==> flow/design.v <==
module sync_arith_stage (aclk, i_rst, in0, in1, do_sub, result, cy);
    parameter DW = 8;
    input aclk;
    input i_rst;
    input [DW-1:0] in0;
    input [DW-1:0] in1;
    input do_sub;
    output [DW-1:0] result;
    output cy;
    reg [DW-1:0] in0_reg;
    always @(posedge aclk) begin
        if (i_rst) begin
            in0_reg <= 0;
        end else begin
            in0_reg <= in0;
        end
    end
    reg [DW-1:0] in1_reg;
    always @(posedge aclk) begin
        if (i_rst) begin
            in1_reg <= 0;
        end else begin
            in1_reg <= in1;
        end
    end
    reg do_sub_reg;
    always @(posedge aclk) begin
        if (i_rst) begin
            do_sub_reg <= 1'b0;
        end else begin
            do_sub_reg <= do_sub;
        end
    end
    wire [DW-1:0] tmp;
    wire [DW:0] c;
    assign c[0] = do_sub_reg;
    genvar ii;
    generate
        for (ii = 0; ii < DW; ii = ii + 1) begin : u_g
            fadd unit (.a(in0_reg[ii]), .b(in1_reg[ii] ^ do_sub_reg), .ci(c[ii]), .s(tmp[ii]), .co(c[ii+1]));
        end
    endgenerate
    assign result = tmp;
    assign cy = c[DW];
endmodule
module fadd (
    input wire a,
    input wire b,
    input wire ci,
    output wire s,
    output wire co
);
    assign s = a ^ b ^ ci;
    assign co = (a & b) | (ci & (a ^ b));
endmodule
Lab notebook: sync_arith_stage

### Step by step through the tools: sync_arith_stage

A sweep over "DW": the same steps for each member of the family.
The file above is the member DW 8. Line numbers count from 1 in each member's own file.
Operators carry their Yosys type and port widths (W data, S select, Z words).
A cell with n/a has no value.

* design top: sync_arith_stage
* clock port: aclk
* cell library: sky130hd
* library corner: tt_025C_1v80

### Members of the sweep

Lines of each other member's file that are new or changed against the file above; lines that a member lacks are not shown.

New or changed lines
* DW 10: line 2 `parameter DW = 10;`
* DW 12: line 2 `parameter DW = 12;`
* DW 16: line 2 `parameter DW = 16;`
* DW 48: line 2 `parameter DW = 48;`

### After elaboration

Yosys after proc, flatten, opt, wreduce and memory -nomap, before mapping. Enables and synchronous resets that opt folds into registers are not counted as muxes. Memory bits, and registers merged into a memory's read port (data or address), are not among the register bits. Print and check cells are not counted. Equal cells are merged and count once.

Cells by class (bitwise operators)
* DW 8: 48
* DW 10: 60
* DW 12: 72
* DW 16: 96
* DW 48: 288

Operator list (kind and count)
* DW 8: 24 x $xor A1 B1 Y1; 16 x $and A1 B1 Y1; 8 x $or A1 B1 Y1
* DW 10: 30 x $xor A1 B1 Y1; 20 x $and A1 B1 Y1; 10 x $or A1 B1 Y1
* DW 12: 36 x $xor A1 B1 Y1; 24 x $and A1 B1 Y1; 12 x $or A1 B1 Y1
* DW 16: 48 x $xor A1 B1 Y1; 32 x $and A1 B1 Y1; 16 x $or A1 B1 Y1
* DW 48: 144 x $xor A1 B1 Y1; 96 x $and A1 B1 Y1; 48 x $or A1 B1 Y1

Storage and ports
* DW 8: flip-flop bits (word level) 17, cells after elaboration 51, input port bits 19, output and inout port bits 9
* DW 10: flip-flop bits (word level) 21, cells after elaboration 63, input port bits 23, output and inout port bits 11
* DW 12: flip-flop bits (word level) 25, cells after elaboration 75, input port bits 27, output and inout port bits 13
* DW 16: flip-flop bits (word level) 33, cells after elaboration 99, input port bits 35, output and inout port bits 17
* DW 48: flip-flop bits (word level) 97, cells after elaboration 291, input port bits 99, output and inout port bits 49

### Depth

Yosys ltp: most cells in a row. Word level: on the elaborated netlist, between registers, memories and ports. Mapped: between sequential cells and ports; inverters and the memories' decode and read muxes count.

Logic depth
* DW 8: depth after elaboration 18, ABC_AREA 0, depth in mapped cells 11, gate-level depth less buffers 9
* DW 10: depth after elaboration 22, ABC_AREA 0, depth in mapped cells 13, gate-level depth less buffers 11
* DW 12: depth after elaboration 26, ABC_AREA 0, depth in mapped cells 17, gate-level depth less buffers 15
* DW 16: depth after elaboration 34, ABC_AREA 0, depth in mapped cells 22, gate-level depth less buffers 19
* DW 48: depth after elaboration 98, ABC_AREA 0, depth in mapped cells 55, gate-level depth less buffers 51

### Netlist

The flow's flattened synthesis, as Yosys stat reports it; memories are mapped. The netlist is that of the ABC_AREA named above (0 if unset); the other value can give another one.

Cell types (types with counts)
* DW 8: 17 x sky130_fd_sc_hd__dfxtp_1; 7 x sky130_fd_sc_hd__fa_1; 10 x sky130_fd_sc_hd__nor2b_1; 7 x sky130_fd_sc_hd__and2b_2; 8 x sky130_fd_sc_hd__buf_4; 6 x sky130_fd_sc_hd__xnor2_1; 13 x sky130_fd_sc_hd__inv_1; 2 x sky130_fd_sc_hd__buf_6; 2 x sky130_fd_sc_hd__xor2_1; 1 x sky130_fd_sc_hd__mux2i_1
* DW 10: 21 x sky130_fd_sc_hd__dfxtp_1; 9 x sky130_fd_sc_hd__fa_1; 21 x sky130_fd_sc_hd__nor2b_1; 10 x sky130_fd_sc_hd__buf_4; 8 x sky130_fd_sc_hd__xnor2_1; 17 x sky130_fd_sc_hd__inv_1; 1 x sky130_fd_sc_hd__xor2_2; 1 x sky130_fd_sc_hd__buf_6; 2 x sky130_fd_sc_hd__buf_2; 1 x sky130_fd_sc_hd__mux2i_1; 1 x sky130_fd_sc_hd__xor2_1
* DW 12: 25 x sky130_fd_sc_hd__dfxtp_1; 11 x sky130_fd_sc_hd__fa_1; 25 x sky130_fd_sc_hd__nor2b_1; 12 x sky130_fd_sc_hd__buf_4; 21 x sky130_fd_sc_hd__inv_1; 9 x sky130_fd_sc_hd__xnor2_1; 3 x sky130_fd_sc_hd__xor2_1; 1 x sky130_fd_sc_hd__buf_6; 2 x sky130_fd_sc_hd__buf_2; 1 x sky130_fd_sc_hd__mux2i_1
* DW 16: 33 x sky130_fd_sc_hd__dfxtp_1; 15 x sky130_fd_sc_hd__fa_1; 33 x sky130_fd_sc_hd__nor2b_1; 16 x sky130_fd_sc_hd__buf_4; 13 x sky130_fd_sc_hd__xnor2_1; 29 x sky130_fd_sc_hd__inv_1; 3 x sky130_fd_sc_hd__xor2_1; 1 x sky130_fd_sc_hd__buf_12; 3 x sky130_fd_sc_hd__buf_2; 1 x sky130_fd_sc_hd__buf_6; 1 x sky130_fd_sc_hd__mux2i_1
* DW 48: 97 x sky130_fd_sc_hd__dfxtp_1; 47 x sky130_fd_sc_hd__fa_1; 97 x sky130_fd_sc_hd__nor2b_1; 53 x sky130_fd_sc_hd__buf_4; 44 x sky130_fd_sc_hd__xnor2_1; 93 x sky130_fd_sc_hd__inv_1; 7 x sky130_fd_sc_hd__buf_2; 2 x sky130_fd_sc_hd__buf_8; 3 x sky130_fd_sc_hd__xor2_1; 2 x sky130_fd_sc_hd__buf_6; 1 x sky130_fd_sc_hd__xnor2_2; 1 x sky130_fd_sc_hd__mux2i_1

Synthesis totals
* DW 8: buffer cells 10, cell count 73, cell area after synthesis 815.8 µm², mapped flip-flops 17
* DW 10: buffer cells 13, cell count 92, cell area after synthesis 997.2 µm², mapped flip-flops 21
* DW 12: buffer cells 15, cell count 110, cell area after synthesis 1182.4 µm², mapped flip-flops 25
* DW 16: buffer cells 21, cell count 148, cell area after synthesis 1592.8 µm², mapped flip-flops 33
* DW 48: buffer cells 64, cell count 447, cell area after synthesis 4762.1 µm², mapped flip-flops 97

By module: a second synthesis without flattening, with its own total; a netlist apart from the flattened one above.

Unflattened totals
* DW 8: cell total of the unflattened synthesis 52, area (unflattened synthesis) 716.9 µm²
* DW 10: cell total of the unflattened synthesis 65, area (unflattened synthesis) 860.8 µm²
* DW 12: cell total of the unflattened synthesis 77, area (unflattened synthesis) 1023.5 µm²
* DW 16: cell total of the unflattened synthesis 103, area (unflattened synthesis) 1373.8 µm²
* DW 48: cell total of the unflattened synthesis 306, area (unflattened synthesis) 4070.2 µm²

### Path before layout

Source: OpenSTA report_checks on the synthesized netlist (no wires, ideal clock, input and output delay 20% of the period each), path of least setup slack; recovery checks are left aside. Register names are those of the netlist, which keeps one name where synthesis merged equal registers.

Path post-synthesis
* DW 8: path type flip-flop to output port, from register do_sub_reg, to output port result[7], stages on the path 12, clock period 5370 ps, delay of the path 3439 ps, path slack 857 ps, synthesis period reached 4513 ps
* DW 10: path type flip-flop to output port, from register do_sub_reg, to output port result[9], stages on the path 14, clock period 6580 ps, delay of the path 4213 ps, path slack 1051 ps, synthesis period reached 5529 ps
* DW 12: path type flip-flop to output port, from register do_sub_reg, to output port result[11], stages on the path 18, clock period 7610 ps, delay of the path 4870 ps, path slack 1218 ps, synthesis period reached 6392 ps
* DW 16: path type flip-flop to output port, from register do_sub_reg, to output port result[15], stages on the path 23, clock period 10100 ps, delay of the path 6454 ps, path slack 1626 ps, synthesis period reached 8474 ps
* DW 48: path type flip-flop to output port, from register do_sub_reg, to output port result[47], stages on the path 56, clock period 32000 ps, delay of the path 20502 ps, path slack 5098 ps, synthesis period reached 26902 ps

"delay of the path" = arrival - input delay + setup time.
At an output port there is no setup time.
"stages on the path": output pins that drive a net of the path, with the launching flip-flop's if there is one; two outputs of one cell count as two.
"synthesis period reached" is the clock period less the worst setup slack; recovery checks do not enter. This is arithmetic on one report: input and output delays are still those of the set period (20% each).
Between the ends stands the longest chain of elaborated cells between them, by number of cells; it is not shown to be the way that was timed. Of several equally long chains one is given.
Each line given opens the expression or statement behind the cell; cells for indexed reads and writes are added by Yosys, which also makes memories of some case tables.

Between the ends, post-synthesis, DW 8:
* cells in the longest elaborated chain: 17

RTL lines, path post-synthesis, DW 8
* start: declaration: line 26 `reg do_sub_reg;`
* start: assignment: line 29 `do_sub_reg <= 1'b0;`
* start: assignment: line 31 `do_sub_reg <= do_sub;`
* $xor A1 B1 Y1: line 40 `fadd unit (.a(in0_reg[ii]), .b(in1_reg[ii] ^ do_sub_reg), .ci(c[ii]), .s(tmp[ii]), .co(c[ii+1]));`
* $xor A1 B1 Y1: line 54 `assign co = (a & b) | (ci & (a ^ b));`
* $and A1 B1 Y1: line 54
* $or A1 B1 Y1: line 54
* $and A1 B1 Y1: line 54
* $or A1 B1 Y1: line 54
* $and A1 B1 Y1: line 54
* (+3 left out)
* $and A1 B1 Y1: line 54
* $or A1 B1 Y1: line 54
* $and A1 B1 Y1: line 54
* $or A1 B1 Y1: line 54
* $and A1 B1 Y1: line 54
* $or A1 B1 Y1: line 54
* $xor A1 B1 Y1: line 53 `assign s = a ^ b ^ ci;`
* end: declaration: line 8 `output [DW-1:0] result;`

Between the ends, post-synthesis, DW 48:
* cells in the longest elaborated chain: 97

RTL lines, path post-synthesis, DW 48
* start: declaration: line 26 `reg do_sub_reg;`
* start: assignment: line 29 `do_sub_reg <= 1'b0;`
* start: assignment: line 31 `do_sub_reg <= do_sub;`
* $xor A1 B1 Y1: line 40 `fadd unit (.a(in0_reg[ii]), .b(in1_reg[ii] ^ do_sub_reg), .ci(c[ii]), .s(tmp[ii]), .co(c[ii+1]));`
* $xor A1 B1 Y1: line 54 `assign co = (a & b) | (ci & (a ^ b));`
* $and A1 B1 Y1: line 54
* $or A1 B1 Y1: line 54
* $and A1 B1 Y1: line 54
* $or A1 B1 Y1: line 54
* $and A1 B1 Y1: line 54
* (+83 left out)
* $and A1 B1 Y1: line 54
* $or A1 B1 Y1: line 54
* $and A1 B1 Y1: line 54
* $or A1 B1 Y1: line 54
* $and A1 B1 Y1: line 54
* $or A1 B1 Y1: line 54
* $xor A1 B1 Y1: line 53 `assign s = a ^ b ^ ci;`
* end: declaration: line 8 `output [DW-1:0] result;`

### Worst path after layout

Path of least setup slack in the final report of each member's run (OpenROAD, finished layout, wires in). Where an end is a register, its clock arrival counts in the times.
The report prints the path's times to 10 ps; the period is as set.

Path after layout
* DW 8: path type flip-flop to output port, from register do_sub_reg, to output port result[7], arrival time 4040 ps, clock period 5370 ps, path slack 250 ps, path buffers 1, stages on the path 11
* DW 10: path type flip-flop to output port, from register do_sub_reg, to output port result[9], arrival time 4870 ps, clock period 6580 ps, path slack 390 ps, path buffers 1, stages on the path 13
* DW 12: path type flip-flop to output port, from register do_sub_reg, to output port result[11], arrival time 5510 ps, clock period 7610 ps, path slack 580 ps, path buffers 1, stages on the path 17
* DW 16: path type flip-flop to output port, from register do_sub_reg, to output port result[15], arrival time 7080 ps, clock period 10100 ps, path slack 1000 ps, path buffers 1, stages on the path 21
* DW 48: path type flip-flop to output port, from register do_sub_reg, to output port result[47], arrival time 21920 ps, clock period 32000 ps, path slack 3680 ps, path buffers 2, stages on the path 53

### Layout results

Settings and results of one run of the flow (Yosys, OpenROAD) for each member follow. The constraints put input and output delay at 20% of the set period each and load the outputs with 0.01 pF.

* CAP_MARGIN: 20
* CORE_MARGIN: 2
* CORE_UTILIZATION: 40
* SLEW_MARGIN: 20

Settings by member (period_ns)
* DW 8: 5.37
* DW 10: 6.58
* DW 12: 7.61
* DW 16: 10.1
* DW 48: 32.0

Measured results
* DW 8: smallest hold slack 1343 ps, total negative slack on setup checks 0 ps, standard-cell area after layout 1071.0 µm², post-synthesis cell area 815.8 µm², utilization in the final report 55.2%, achieved period 5118 ps, overall power 0.0002812 W, overall die area 2416.7 µm², worst setup slack after layout 252 ps
* DW 10: smallest hold slack 1561 ps, total negative slack on setup checks 0 ps, standard-cell area after layout 1302.5 µm², post-synthesis cell area 997.2 µm², utilization in the final report 54.0%, achieved period 6188 ps, overall power 0.0002804 W, overall die area 2908.4 µm², worst setup slack after layout 392 ps
* DW 12: smallest hold slack 1752 ps, total negative slack on setup checks 0 ps, standard-cell area after layout 1534.0 µm², post-synthesis cell area 1182.4 µm², utilization in the final report 55.2%, achieved period 7034 ps, overall power 0.000284 W, overall die area 3407.1 µm², worst setup slack after layout 576 ps
* DW 16: smallest hold slack 2207 ps, total negative slack on setup checks 0 ps, standard-cell area after layout 2079.5 µm², post-synthesis cell area 1592.8 µm², utilization in the final report 55.5%, achieved period 9099 ps, overall power 0.0003222 W, overall die area 4502.4 µm², worst setup slack after layout 1001 ps
* DW 48: smallest hold slack 6613 ps, total negative slack on setup checks 0 ps, standard-cell area after layout 6239.7 µm², post-synthesis cell area 4762.1 µm², utilization in the final report 54.2%, achieved period 28321 ps, overall power 0.0003259 W, overall die area 12793.9 µm², worst setup slack after layout 3679 ps

By "achieved period" is meant the clock period of the run minus its worst setup slack. This is arithmetic on one report: input and output delays are still those of the set period (20% each).
By "overall power" is meant OpenSTA's value without simulated activity: inputs other than the clock are taken to toggle once in ten clock periods, and the tool carries that through the logic.
